==> flow/design.v <==
module mem_top (core_clk, in_write, in_wa, in_write_data, in_rd_addr, out_read_data);
  parameter integer DEPTH = 24;
  parameter integer WD = 16;
  parameter integer RP = 4;
  parameter integer WPORTS = 2;
  localparam integer ADDR_W = $clog2(DEPTH);
  input core_clk;
  input [WPORTS-1:0] in_write;
  input [WPORTS*ADDR_W-1:0] in_wa;
  input [WPORTS*WD-1:0] in_write_data;
  input [RP*ADDR_W-1:0] in_rd_addr;
  output [RP*WD-1:0] out_read_data;
  reg [WD-1:0] store [DEPTH-1:0];
  integer idx;
  always @(posedge core_clk) begin
    for (idx = 0; idx < WPORTS; idx = idx + 1)
      if (in_write[idx]) store[in_wa[idx*ADDR_W +: ADDR_W]] <= in_write_data[idx*WD +: WD];
  end
  wire [RP*WD-1:0] cur;
  genvar j;
  generate
    for (j = 0; j < RP; j = j + 1) begin : stage
      assign cur[j*WD +: WD] = store[in_rd_addr[j*ADDR_W +: ADDR_W]];
    end
  endgenerate
  assign out_read_data = cur;
endmodule
* Reports on mem_top
Tool output for the design above, in the order of the flow. Line numbers count from 1 in the design file above. Cell names lack the library's common part. The mark n/a stands for no value.
Set-up: top mem_top, clock input core_clk, library sky130hd, timing corner tt_025C_1v80

* Word-level counts
Source: Yosys, flattened and elaborated, memories not mapped. Widths are those after wreduce; folded enables and synchronous resets count as part of the registers. Registers that Yosys merges into a memory's read port (data or address) are not register bits. Print and check cells do not count. Equal cells are merged and count once. Yosys's memory passes give these memory sizes; they may raise the number of words (mostly to a power of two), join words into wider ones and drop unused or constant bits.
Cells by class: mux-type cells 6
Operators by type and width (number):
- 2-to-1 mux 16 bit | 2
- 2-to-1 mux 5 bit | 2
- 2-to-1 mux 1 bit | 2
Storage and ports: register bits after elaboration 0, bits in writable memories 384, memory cells 1, bits of input ports 65, output and inout bits 64, word-level cells 7
Memory list:
- store | depth 24, bits a word 16, rd ports 4, wr ports 2, line 13 | reg [WD-1:0] store [DEPTH-1:0];

* Depth
Longest topological path by Yosys (ltp), each cell counted once; first at word level (registers and memories cut), then after technology mapping (sequential cells cut; the memories' decode and read muxes count).
Depth: depth in word-level cells 1, ABC_AREA 0, mapped depth 7, mapped depth without buffers 4

* Synthesis result
Source: synth_stat.txt of the flow (Yosys; design flattened, memories mapped). It holds for the ABC_AREA given above (unset counts as 0); a run with the other value may have another netlist. Totals and module areas in this step are rounded.
Synthesis totals: cell count 2080, synthesis area 29150 um^2, area of sequential cells 11530 um^2, flip-flops 384, buffers 258
Cell types:
- edfxtp_1 | number 384, total area 1.15E+04 um^2
- mux4_2 | number 256, total area 5765.53 um^2
- mux2_2 | number 384, total area 4.32E+03 um^2
- mux2i_1 | number 320, total area 3.2E+03 um^2
- a2bb2oi_1 | number 64, total area 560.538 um^2
- o311ai_0 | number 61, total area 534.262 um^2
- clkbuf_1 | number 138, total area 517.997 um^2
- a22oi_1 | number 64, total area 480.461 um^2
- o211ai_1 | number 64, total area 480.461 um^2
- buf_2 | number 92, total area 460.442 um^2
- nand3_1 | number 66, total area 330.317 um^2
- nand2_1 | number 83, total area 311.549 um^2
- nor2b_1 | number 13, total area 81.328 um^2
- o21ai_0 | number 16, total area 80.077 um^2
- buf_1 | number 19, total area 71.318 um^2
- and2_1 | number 8, total area 50.048 um^2
- buf_4 | number 6, total area 45.043 um^2
- nand3b_1 | number 6, total area 45.043 um^2
Not listed: further types 17, cells in them 36.

* Timing after synthesis
Path of least setup slack by OpenSTA after synthesis, without wires, with an ideal clock, recovery checks aside; 20% of the period is set as input and as output delay. Where synthesis merged equal registers, the netlist keeps one of their names.
Timing path after synthesis: path type input-to-output, start input port in_rd_addr[10], end output port out_read_data[32], clock period 3.34 ns, input delay 0.668 ns, output delay 0.668 ns, launch time at the first pin 0.668 ns, arrival 2.219 ns, data required time 2.672 ns, setup slack 0.453 ns, delay of the path 1.551 ns, stages 6, path buffers 3, synthesis period reached 2.887 ns
"delay of the path" = arrival - input delay + setup time. A path that ends at an output port has no setup time. "stages" counts driving pins, that of a launching flip-flop among them; a cell with two outputs on the path counts twice. "synthesis period reached" is the clock period less the worst setup slack; recovery checks do not enter. This is arithmetic on one report: input and output delays are still those of the set period (20% each). The rows between start and end are the longest chain of elaborated cells between them; the timing report does not say that the signal goes this way. Where chains are equally long, one stands for them. Each line given opens the expression or statement behind the cell; cells for indexed reads and writes are added by Yosys, which also makes memories of some case tables. The chain passes a memory read, where the word-level depth is cut; so it can be longer than that depth.
Between the ends, after synthesis: path through buf_2 > buf_4 > buf_2 > mux4_2 > o211ai_1 > o311ai_0, cells in the longest elaborated chain 1, elaborated cells on any way between the ends 1, RTL lines with such cells 1, classes of those cells memory: 1
RTL lines, path after synthesis:
- from (decl) | line 11 | input [RP*ADDR_W-1:0] in_rd_addr;
- memory read (24 x 16 bit) | line 13 | reg [WD-1:0] store [DEPTH-1:0];
- to (decl) | line 12 | output [RP*WD-1:0] out_read_data;

* Worst path after layout
Path of least setup slack in the final report of flow run A (OpenROAD, finished layout, wires in). Where an end is a register, its clock arrival counts in the times.
Timing path post-layout: path type input-to-output, start input port in_rd_addr[12], end output port out_read_data[41], clock period 3.65 ns, input delay 0.73 ns, output delay 0.73 ns, launch time at the first pin 0.73 ns, arrival 2.95 ns, data required time 2.92 ns, setup slack -0.03 ns, stages 8, path buffers 5
The rows between start and end are the longest chain of elaborated cells between them; the timing report does not say that the signal goes this way. Where chains are equally long, one stands for them. The chain passes a memory read, where the word-level depth is cut; so it can be longer than that depth.
Between the ends, post-layout: path through buf_4 > buf_16 > buf_12 > mux4_2 > o211ai_1 > o311ai_0 > buf_4 > clkdlybuf4s50_1, cells in the longest elaborated chain 1, elaborated cells on any way between the ends 1, RTL lines with such cells 1, classes of those cells memory: 1
RTL lines, path post-layout:
- from (decl) | line 11 | input [RP*ADDR_W-1:0] in_rd_addr;
- memory read (24 x 16 bit) | line 13 | reg [WD-1:0] store [DEPTH-1:0];
- to (decl) | line 12 | output [RP*WD-1:0] out_read_data;

==> results <==
Stored flow runs of mem_top (3 of them; Yosys, OpenROAD, sky130hd). They differ in their settings and are not a sequence. Constraints: input delay and output delay 20% of the set period each, output load 0.01 pF.
"achieved clock period" is the run's clock period less its worst setup slack. It is reckoned from that one timing run; input and output delays stay at 20% of the period that was set.
"worst setup path time": the worst setup path's part of the clock period (all of it between registers, 20% less for each end at a port) less its slack. A launch clock that arrives late makes it longer, a capture clock that arrives late makes it shorter.
"power": no workload was simulated; the value follows from the tool's default switching activity.
Results are given in rounded form.
[flow run A] settings: period_ns=3.65, CORE_UTILIZATION=24, PLACE_DENSITY=0.38, CORE_ASPECT_RATIO=1.78, CORE_MARGIN=7, CELL_PAD_IN_SITES_DETAIL_PLACEMENT=2, TNS_END_PERCENT=15, CTS_CLUSTER_DIAMETER=199, SLEW_MARGIN=15, CAP_MARGIN=20
[flow run A] result: chip area after synthesis (Yosys) 29150 um^2, die area 131800 um^2, utilization 30.6%, worst setup slack after layout -0.035 ns, worst hold slack 1.109 ns, power 0.01273 W, achieved clock period 3.685 ns, worst setup path time 2.22 ns, worst setup path kind input-to-output
[flow run B] settings: period_ns=3.35, CORE_UTILIZATION=19, SETUP_SLACK_MARGIN=0.64, PLACE_DENSITY=0.55, CELL_PAD_IN_SITES_GLOBAL_PLACEMENT=2, CELL_PAD_IN_SITES_DETAIL_PLACEMENT=0, ABC_AREA=0, GPL_ROUTABILITY_DRIVEN=0, CAP_MARGIN=20, CORE_MARGIN=2, SLEW_MARGIN=20
[flow run B] result: chip area after synthesis (Yosys) 29150 um^2, die area 156600 um^2, utilization 27.2%, worst setup slack after layout 0.011 ns, worst hold slack 0.868 ns, power 0.01425 W, achieved clock period 3.339 ns, worst setup path time 2.67 ns, worst setup path kind reg-to-output
[flow run C] settings: period_ns=3.34, CAP_MARGIN=20, CORE_MARGIN=2, CORE_UTILIZATION=40, SLEW_MARGIN=20
[flow run C] result: chip area after synthesis (Yosys) 29150 um^2, die area 75060 um^2, utilization 51.0%, worst setup slack after layout -0.019 ns, worst hold slack 1.111 ns, power 0.01406 W, achieved clock period 3.359 ns, worst setup path time 2.02 ns, worst setup path kind input-to-output
